==> flow/design.v <==
module times #(
  parameter integer DATA_W = 5,
  parameter integer WAYS = 7,
  parameter integer RW = 2*DATA_W + $clog2(WAYS)
) (
  input wire ck,
  input wire rst,
  input wire [WAYS*DATA_W-1:0] i_u,
  input wire [WAYS*DATA_W-1:0] i_v,
  output wire [RW-1:0] o_res
);
  reg [WAYS*DATA_W-1:0] u_q;
  reg [WAYS*DATA_W-1:0] v_q;
  always @(posedge ck) begin
    if (rst) begin
      u_q <= 0;
      v_q <= 0;
    end else begin
      u_q <= i_u;
      v_q <= i_v;
    end
  end
  genvar k;
  wire [2*WAYS*DATA_W-1:0] part;
  generate
    for (k = 0; k < WAYS; k = k + 1) begin : gen
      assign part[2*k*DATA_W +: 2*DATA_W] = u_q[k*DATA_W +: DATA_W] * v_q[k*DATA_W +: DATA_W];
    end
  endgenerate
  reg [2*WAYS*DATA_W-1:0] part_q;
  always @(posedge ck) begin
    if (rst) begin
      part_q <= 0;
    end else begin
      part_q <= part;
    end
  end
  reg [RW-1:0] val;
  integer i;
  always @* begin
    val = 0;
    for (i = 0; i < WAYS; i = i + 1)
      val = val + part_q[2*i*DATA_W +: 2*DATA_W];
  end
  reg [RW-1:0] res_q;
  always @(posedge ck) begin
    if (rst) begin
      res_q <= 0;
    end else begin
      res_q <= val;
    end
  end
  assign o_res = res_q;
endmodule
## Reports on times

Tool output for the design above, in the order of the flow.
Line numbers count from 1 in the design file above.
Cell names lack the library's common part.
The mark n/a stands for no value.

| inputs | value |
|---|---|
| top module | times |
| clock | ck |
| standard-cell library | sky130hd |
| library corner | tt_025C_1v80 |

## Word level

Yosys after proc, flatten, opt, wreduce and memory -nomap, before mapping. Enables and synchronous resets that opt folds into registers are not counted as muxes. Memory bits, and registers merged into a memory's read port (data or address), are not among the register bits. Print and check cells are not counted. Equal cells are merged and count once.

| storage and ports | value |
|---|---|
| bits in registers | 153 |
| input bits | 72 |
| output and inout port bits | 13 |
| cells after elaboration | 17 |

| operators by class | value |
|---|---|
| $add $sub $neg | 6 |
| multipliers | 7 |

Operator list:

| operator | number |
|---|---|
| multiplier 5 x 5 -> 10 bit | 7 |
| adder 13 x 10 -> 13 bit | 3 |
| adder 12 x 10 -> 13 bit | 1 |
| adder 11 x 10 -> 12 bit | 1 |
| adder 10 x 10 -> 11 bit | 1 |

## Depth

Longest topological path by Yosys (ltp), each cell counted once; first at word level (registers and memories cut), then after technology mapping (sequential cells cut; the memories' decode and read muxes count).

| logic depth | value |
|---|---|
| depth in word-level cells | 6 |
| ABC_AREA | 1 |
| mapped depth | 18 |
| depth with buffers taken out | 18 |

## Netlist

The flow's flattened synthesis, as Yosys stat reports it; memories are mapped. The netlist is that of the ABC_AREA named above (0 if unset); the other value can give another one.
The area totals of this step are shown rounded.

Cells by type:

| cell type | number | total area (um2) |
|---|---|---|
| dfxtp_1 | 153 | 3.06E+03 |
| fa_1 | 111 | 2.22E+03 |
| ha_1 | 141 | 1.76E+03 |
| inv_1 | 455 | 1.71E+03 |
| nand2_1 | 289 | 1084.79 |
| nor2_1 | 144 | 540.518 |
| a21oi_1 | 77 | 385.37 |
| nand3_1 | 58 | 290.278 |
| buf_2 | 12 | 60.058 |
| o21a_1 | 8 | 60.058 |
| o21ai_0 | 12 | 60.058 |
| a21boi_0 | 6 | 45.043 |
| nand2_2 | 4 | 25.024 |
| nor2_2 | 4 | 25.024 |
| buf_4 | 2 | 15.014 |
| nand4_1 | 2 | 12.512 |
| nand3_2 | 1 | 10.01 |
| a21oi_2 | 1 | 8.758 |

Other cell types: 4; their cells: 5.

| synthesis totals | value |
|---|---|
| standard cells after synthesis | 1485 |
| synthesis area | 11410 um2 |
| area of sequential cells | 3063 um2 |
| mapped flip-flops | 153 |
| buffer cells | 16 |

## Path before layout

OpenSTA on the mapped netlist: ideal clock, no wires. The path of least setup slack (recovery checks aside). Input and output delay are each 20% of the period. Register names are those of the netlist, which keeps one name where synthesis merged equal registers.

| timing after synthesis | value |
|---|---|
| path kind | flip-flop to flip-flop |
| from | reg part_q[2] |
| to | reg res_q[9] |
| clock period | 5.1 ns |
| setup time | 0.115 ns |
| launch time at the first pin | 0.000 ns |
| arrival | 3.434 ns |
| required time | 4.985 ns |
| slack | 1.551 ns |
| delay of the path | 3.549 ns |
| stages | 15 |
| path buffers | 0 |
| period reached after synthesis | 3.549 ns |

"delay of the path" is the arrival time less input delay plus setup time.
"stages" counts driving pins, that of a launching flip-flop among them; a cell with two outputs on the path counts twice.
"period reached after synthesis" = period - worst setup slack (recovery checks aside). The figure is calculated, with input and output delays left at 20% of the set period.
Between the ends stands the longest chain of elaborated cells between them, by number of cells; it is not shown to be the way that was timed. Of several equally long chains one is given.
A line is the first line of the expression or statement that the cell stems from. Yosys adds cells for indexed reads and writes and turns some case tables into memories.

| between the ends, after synthesis | value |
|---|---|
| path through | dfxtp_1 -> inv_1 -> fa_1 -> inv_1 -> fa_1 -> fa_1 -> inv_1 -> fa_1 -> fa_1 -> inv_1 -> nand3_1 -> nand3_1 -> nand2_1 -> a21oi_1 -> nor2_1 |
| cells in the longest elaborated chain | 6 |
| elaborated cells on any way between the ends | 6 |
| RTL lines with such cells | 1 |
| classes of those cells | add/sub: 6 |

Ends and longest elaborated chain, after synthesis:

| element | line | source |
|---|---|---|
| from (decl) | 30 | `reg [2*WAYS*DATA_W-1:0] part_q;` |
| from (assign) | 33 | `part_q <= 0;` |
| from (assign) | 35 | `part_q <= part;` |
| adder 10 x 10 -> 11 bit | 43 | `val = val + part_q[2*i*DATA_W +: 2*DATA_W];` |
| adder 11 x 10 -> 12 bit | 43 |  |
| adder 12 x 10 -> 13 bit | 43 |  |
| adder 13 x 10 -> 13 bit (3 in a row) | 43 |  |
| to (assign) | 48 | `res_q <= 0;` |
| to (assign) | 50 | `res_q <= val;` |
| to (decl) | 45 | `reg [RW-1:0] res_q;` |

## Timing after layout

Path of least setup slack in the final report of run A (OpenROAD, finished layout, wires in). Where an end is a register, its clock arrival counts in the times.

| timing after layout | value |
|---|---|
| path kind | flip-flop to flip-flop |
| from | reg part_q[24] |
| to | reg res_q[11] |
| clock period | 3.72 ns |
| setup time | 0.10 ns |
| launch time at the first pin | 0.42 ns |
| arrival | 3.88 ns |
| required time | 4.04 ns |
| slack | 0.16 ns |
| stages | 17 |
| path buffers | 0 |

Between the ends stands the longest chain of elaborated cells between them, by number of cells; it is not shown to be the way that was timed. Of several equally long chains one is given.

| between the ends, after layout | value |
|---|---|
| path through | dfxtp_1 -> inv_1 -> fa_1 -> inv_1 -> fa_1 -> inv_1 -> fa_2 -> fa_1 -> inv_1 -> ha_4 -> nand2_1 -> nor2_2 -> nand3_1 -> nand3_1 -> nand2_1 -> inv_1 -> nor2_2 |
| cells in the longest elaborated chain | 5 |
| elaborated cells on any way between the ends | 5 |
| RTL lines with such cells | 1 |
| classes of those cells | add/sub: 5 |

Ends and longest elaborated chain, after layout:

| element | line | source |
|---|---|---|
| from (decl) | 30 | `reg [2*WAYS*DATA_W-1:0] part_q;` |
| from (assign) | 33 | `part_q <= 0;` |
| from (assign) | 35 | `part_q <= part;` |
| adder 11 x 10 -> 12 bit | 43 | `val = val + part_q[2*i*DATA_W +: 2*DATA_W];` |
| adder 12 x 10 -> 13 bit | 43 |  |
| adder 13 x 10 -> 13 bit (3 in a row) | 43 |  |
| to (assign) | 48 | `res_q <= 0;` |
| to (assign) | 50 | `res_q <= val;` |
| to (decl) | 45 | `reg [RW-1:0] res_q;` |

Memo
Re: implementation data of times

Measured data: module times, platform sky130hd, 3 stored runs of the flow under differing settings, order arbitrary. Input and output delays are each 20% of the period that was set; the output load is 0.01 pF.
By "reached clock period" is meant the clock period of the run minus its worst setup slack. This is arithmetic on one report: input and output delays are still those of the set period (20% each).
"worst path time" means the part of the period allowed to the worst setup path (the constraints hold back 20% at inputs and 20% at outputs) less its slack; where the path has registers, the arrival times of their clocks count too.
By "total power after layout" is meant OpenSTA's value without simulated activity: inputs other than the clock are taken to toggle once in ten clock periods, and the tool carries that through the logic.
The results are shown rounded.
Settings: n/a = not set for that run.
A result given as n/a is not shown for that run.

| stored run | period_ns | CORE_UTILIZATION | PLACE_DENSITY_LB_ADDON | CORE_ASPECT_RATIO | CELL_PAD_IN_SITES_GLOBAL_PLACEMENT | ABC_AREA | GPL_TIMING_DRIVEN | CTS_CLUSTER_DIAMETER | CAP_MARGIN | SLEW_MARGIN | CORE_MARGIN | CELL_PAD_IN_SITES_DETAIL_PLACEMENT | TNS_END_PERCENT | CTS_CLUSTER_SIZE | utilization of the finished layout | die outline area (um2) | post-synthesis cell area (um2) | post-route worst hold slack (ns) | standard-cell area after layout (um2) | worst setup slack after layout (ns) | total power after layout (W) | worst path time (ns) | critical path type | reached clock period (ns) | setup TNS (ns) |
|---|---|---|---|---|---|---|---|---|---|---|---|---|---|---|---|---|---|---|---|---|---|---|---|---|---|
| run A | 3.72 | 45 | 0.19 | 1.02 | 1 | 1 | 1 | 45 | 20 | 30 | 2 | n/a | n/a | n/a | 0.539 | 26640 | 11410 | 0.495 | 13390 | 0.161 | 0.00483 | 3.56 | flip-flop to flip-flop | 3.559 | 0.000 |
| run B | 5.1 | 40 | n/a | n/a | n/a | n/a | n/a | n/a | 20 | 20 | 2 | n/a | n/a | n/a | 0.472 | 29300 | 11180 | 0.493 | 13040 | 0.821 | 0.003405 | 4.28 | flip-flop to flip-flop | 4.279 | 0.000 |
| run C | 2.98 | 70 | 0.19 | n/a | 1 | 1 | n/a | 335 | 20 | 20 | 2 | 2 | 80 | 94 | n/a | n/a | n/a | n/a | n/a | n/a | n/a | n/a | n/a | n/a | n/a |

Run C: did not finish, placement stopped with FLW-0024
